==> flow/design.v <==
module dp_times_v2 (core_clk, RSTN, clk_en, dataa_i, datab_i, clear_i, res_o, vld_o);
  parameter integer XLEN = 24;
  input core_clk;
  input RSTN;
  input clk_en;
  input [XLEN-1:0] dataa_i;
  input [XLEN-1:0] datab_i;
  input clear_i;
  output [2*XLEN-1:0] res_o;
  output vld_o;
  localparam LOGN = $clog2(XLEN + 1);
  reg [XLEN-1:0] mcand;
  always @(posedge core_clk or negedge RSTN) begin
    if (~RSTN) begin
      mcand <= 0;
    end else if (clk_en) begin
      mcand <= clear_i ? dataa_i : mcand;
    end
  end
  reg [LOGN-1:0] steps;
  always @(posedge core_clk or negedge RSTN) begin
    if (~RSTN) begin
      steps <= 0;
    end else if (clk_en) begin
      steps <= clear_i ? XLEN : (steps != 0) ? steps - 1'b1 : steps;
    end
  end
  reg [2*XLEN-1:0] state;
  wire [XLEN:0] nxt;
  assign nxt = state[2*XLEN-1:XLEN] + (state[0] ? mcand : {XLEN{1'b0}});
  always @(posedge core_clk or negedge RSTN) begin
    if (~RSTN) begin
      state <= 0;
    end else if (clk_en) begin
      state <= clear_i ? {{XLEN{1'b0}}, datab_i} : (steps != 0) ? {nxt, state[XLEN-1:1]} : state;
    end
  end
  assign res_o = state;
  assign vld_o = (steps == 0);
endmodule
Step by step through the tools: dp_times_v2
Tool output for the design above, in the order of the flow.
Line numbers count from 1 in the design file above.
Operators: Yosys type, input widths -> output width; for muxes data width and select width s.
Not given: -

inputs
  design top = dp_times_v2
  clock port = core_clk
  cell library = sky130hd
  corner = tt_025C_1v80

Word-level counts
Counts by Yosys on the flattened word-level netlist (proc, flatten, opt, wreduce; memories kept). Register bits leave out memories and registers merged into their read ports (data or address). Print and check cells are left out. Cells with the same type and inputs are merged into one.

word-level totals
  register bits after elaboration = 77
  elaborated cells = 15
  output and inout port bits = 49
  input bits = 52

operators by class
  add/subtract/negate cells = 2
  multiplexer cells = 5
  reduce/logical cells = 5

operator list
  kind                 count
  $mux 48              2
  $add 24x24->25       1
  $mux 24              1
  $mux 5               2
  $sub 5x1->5 const B  1
  $logic_not 5->1      1
  $reduce_bool 5->1    1
  $reduce_and 2->1     2
  $reduce_bool 2->1    1

Longest topological paths
Longest topological path by Yosys (ltp), each cell counted once; first at word level (registers and memories cut), then after technology mapping (sequential cells cut; the memories' decode and read muxes count).

depth
  depth in word-level cells = 4
  ABC_AREA = 0
  depth in mapped cells = 11
  mapped depth without buffers = 11

Mapped cells and area
The flow's flattened synthesis, as Yosys stat reports it; memories are mapped. The netlist is that of the ABC_AREA named above (0 if unset); the other value can give another one.

cell types
  type                       count  area in all (µm²)
  sky130_fd_sc_hd__dfrtp_1   77     1.93E+03
  sky130_fd_sc_hd__ha_1      26     325.312
  sky130_fd_sc_hd__mux2_2    24     270.259
  sky130_fd_sc_hd__mux2i_1   27     270.259
  sky130_fd_sc_hd__nand2_1   66     247.738
  sky130_fd_sc_hd__o21ai_0   37     185.178
  sky130_fd_sc_hd__and2_1    24     150.144
  sky130_fd_sc_hd__xnor2_1   12     105.101
  sky130_fd_sc_hd__a21oi_1   18     90.086
  sky130_fd_sc_hd__o21ai_1   18     90.086
  sky130_fd_sc_hd__xor2_1    7      61.309
  sky130_fd_sc_hd__buf_2     11     55.053
  sky130_fd_sc_hd__a21o_1    7      52.55
  sky130_fd_sc_hd__clkbuf_1  12     45.043
  sky130_fd_sc_hd__nor2_1    11     41.29
  sky130_fd_sc_hd__nand3_1   8      40.038
  sky130_fd_sc_hd__inv_1     10     37.536
  sky130_fd_sc_hd__a31o_1    3      26.275

Not listed: further types 39, cells in them 61.

synthesis totals
  flip-flops = 77
  mapped area = 4,540.6 µm²
  sequential area = 1,926.8 µm²
  cells in the netlist = 459
  buffers = 24

Timing after synthesis
OpenSTA on the mapped netlist: ideal clock, no wires. The path of least setup slack (recovery checks aside). Input and output delay are each 20% of the period. Register names are those of the netlist, which keeps one name where synthesis merged equal registers.

timing path after synthesis
  kind = register to register
  start = reg state[0]
  end = reg state[40]
  clock period = 3.27 ns
  data required time = 3.139 ns
  buffers on the path = 1
  path slack = 0.654 ns
  path delay = 2.616 ns
  library setup time = 0.131 ns
  arrival time = 2.485 ns
  launch time at the first pin = 0.000 ns
  stages = 12
  period reached after synthesis = 2.616 ns

"path delay" = arrival - input delay + setup time.
"stages" counts driving pins, that of a launching flip-flop among them; a cell with two outputs on the path counts twice.
"period reached after synthesis" is the clock period less the worst setup slack; recovery checks do not enter. This is arithmetic on one report: input and output delays are still those of the set period (20% each).
Between the ends stands the longest chain of elaborated cells between them, by number of cells; it is not shown to be the way that was timed. Of several equally long chains one is given.
Each line given opens the expression or statement behind the cell; cells for indexed reads and writes are added by Yosys, which also makes memories of some case tables.

between the ends, after synthesis
  cells stage by stage = sky130_fd_sc_hd__dfrtp_1 > sky130_fd_sc_hd__clkbuf_1 > sky130_fd_sc_hd__nand2_1 > sky130_fd_sc_hd__inv_1 > sky130_fd_sc_hd__ha_1 > sky130_fd_sc_hd__a211oi_2 > sky130_fd_sc_hd__o21bai_4 > sky130_fd_sc_hd__o2111ai_4 > sky130_fd_sc_hd__a31oi_2 > sky130_fd_sc_hd__a311oi_2 > sky130_fd_sc_hd__nor4b_1 > sky130_fd_sc_hd__or3_1
  length of the longest elaborated chain = 4
  elaborated cells on any way between the ends = 4
  RTL lines with such cells = 2
  those cells by class = add/sub: 1; mux: 3

ends and longest elaborated chain, after synthesis
  item                  line  text
  start: declaration    28    reg [2*XLEN-1:0] state;
  start: assignment     33    state <= 0;
  start: assignment     35    state <= clear_i ? {{XLEN{1'b0}}, datab_i} : (steps != 0) ? {nxt, state[XLEN-1:1]} : state;
  $mux 24               30    assign nxt = state[2*XLEN-1:XLEN] + (state[0] ? mcand : {XLEN{1'b0}});
  $add 24x24->25        30
  $mux 48 (2 in a row)  35
  end: assignment       33
  end: assignment       35
  end: declaration      28

Worst path after layout
From the final timing report of flow run 1: the path of least setup slack in the routed layout; clock arrival at registers is part of the times.

timing path after layout
  kind = register to register
  start = reg state[0]
  end = reg state[39]
  library setup time = 0.12 ns
  clock period = 2.54 ns
  arrival time = 2.92 ns
  data required time = 2.77 ns
  stages = 13
  path slack = -0.15 ns
  launch time at the first pin = 0.35 ns
  buffers on the path = 1

Between the ends stands the longest chain of elaborated cells between them, by number of cells; it is not shown to be the way that was timed. Of several equally long chains one is given.

between the ends, after layout
  cells stage by stage = sky130_fd_sc_hd__dfrtp_2 > sky130_fd_sc_hd__and2_4 > sky130_fd_sc_hd__ha_4 > sky130_fd_sc_hd__inv_2 > sky130_fd_sc_hd__fa_2 > sky130_fd_sc_hd__and2b_2 > sky130_fd_sc_hd__o2111ai_2 > sky130_fd_sc_hd__a31o_1 > sky130_fd_sc_hd__buf_6 > sky130_fd_sc_hd__a31oi_4 > sky130_fd_sc_hd__a211oi_2 > sky130_fd_sc_hd__xor2_1 > sky130_fd_sc_hd__o21ai_1
  length of the longest elaborated chain = 4
  elaborated cells on any way between the ends = 4
  RTL lines with such cells = 2
  those cells by class = add/sub: 1; mux: 3

ends and longest elaborated chain, after layout
  item                  line  text
  start: declaration    28    reg [2*XLEN-1:0] state;
  start: assignment     33    state <= 0;
  start: assignment     35    state <= clear_i ? {{XLEN{1'b0}}, datab_i} : (steps != 0) ? {nxt, state[XLEN-1:1]} : state;
  $mux 24               30    assign nxt = state[2*XLEN-1:XLEN] + (state[0] ? mcand : {XLEN{1'b0}});
  $add 24x24->25        30
  $mux 48 (2 in a row)  35
  end: assignment       33
  end: assignment       35
  end: declaration      28

Subject: flow runs of dp_times_v2

Hi,

Measured data: module dp_times_v2, platform sky130hd, 3 stored runs of the flow under differing settings, order arbitrary. Input and output delays are each 20% of the period that was set; the output load is 0.01 pF.
"achieved period" = clock period - worst setup slack. The figure is calculated, with input and output delays left at 20% of the set period.
"time of the worst setup path" = time allowed to the worst setup path (clock period - input delay - output delay, where it has them) - its slack; a late launch clock adds to it, a late capture clock takes from it.
By "power consumption" is meant OpenSTA's value without simulated activity: inputs other than the clock are taken to toggle once in ten clock periods, and the tool carries that through the logic.
Settings: -- = not set for that run.
A result given as -- is not shown for that run.

setting or result                      flow run 1            flow run 2  flow run 3
period_ns                              2.54                  2.79        3.27
CORE_UTILIZATION                       27                    59          40
PLACE_DENSITY                          0.83                  --          --
HOLD_SLACK_MARGIN                      0.22                  --          --
CELL_PAD_IN_SITES_GLOBAL_PLACEMENT     0                     --          --
CELL_PAD_IN_SITES_DETAIL_PLACEMENT     1                     1           --
GPL_TIMING_DRIVEN                      1                     --          --
GPL_ROUTABILITY_DRIVEN                 0                     --          --
CTS_CLUSTER_DIAMETER                   227                   --          --
SLEW_MARGIN                            25                    20          20
CAP_MARGIN                             20                    30          20
CORE_MARGIN                            2                     2           2
SETUP_SLACK_MARGIN                     --                    0.63        --
PLACE_DENSITY_LB_ADDON                 --                    0.08        --
TNS_END_PERCENT                        --                    65          --
MAX_ROUTING_LAYER                      --                    met4        --
netlist area reported by Yosys (µm²)   4,540.6               --          4,540.6
die area (µm²)                         17,870.3              --          12,220.2
standard-cell area after layout (µm²)  6,800.3               --          6,013.3
final design utilization (%)           41.2                  --          55.0
worst slack on setup checks (ns)       -0.155                --          0.496
total negative slack (ns)              -0.946                --          0.000
power consumption (µW)                 5,347                 --          3,718
achieved period (ns)                   2.695                 --          2.774
time of the worst setup path (ns)      2.69                  --          2.77
worst setup path kind                  register to register  --          register to register

Flow run 2: not finished: placement ended with error DPL-0033

Regards
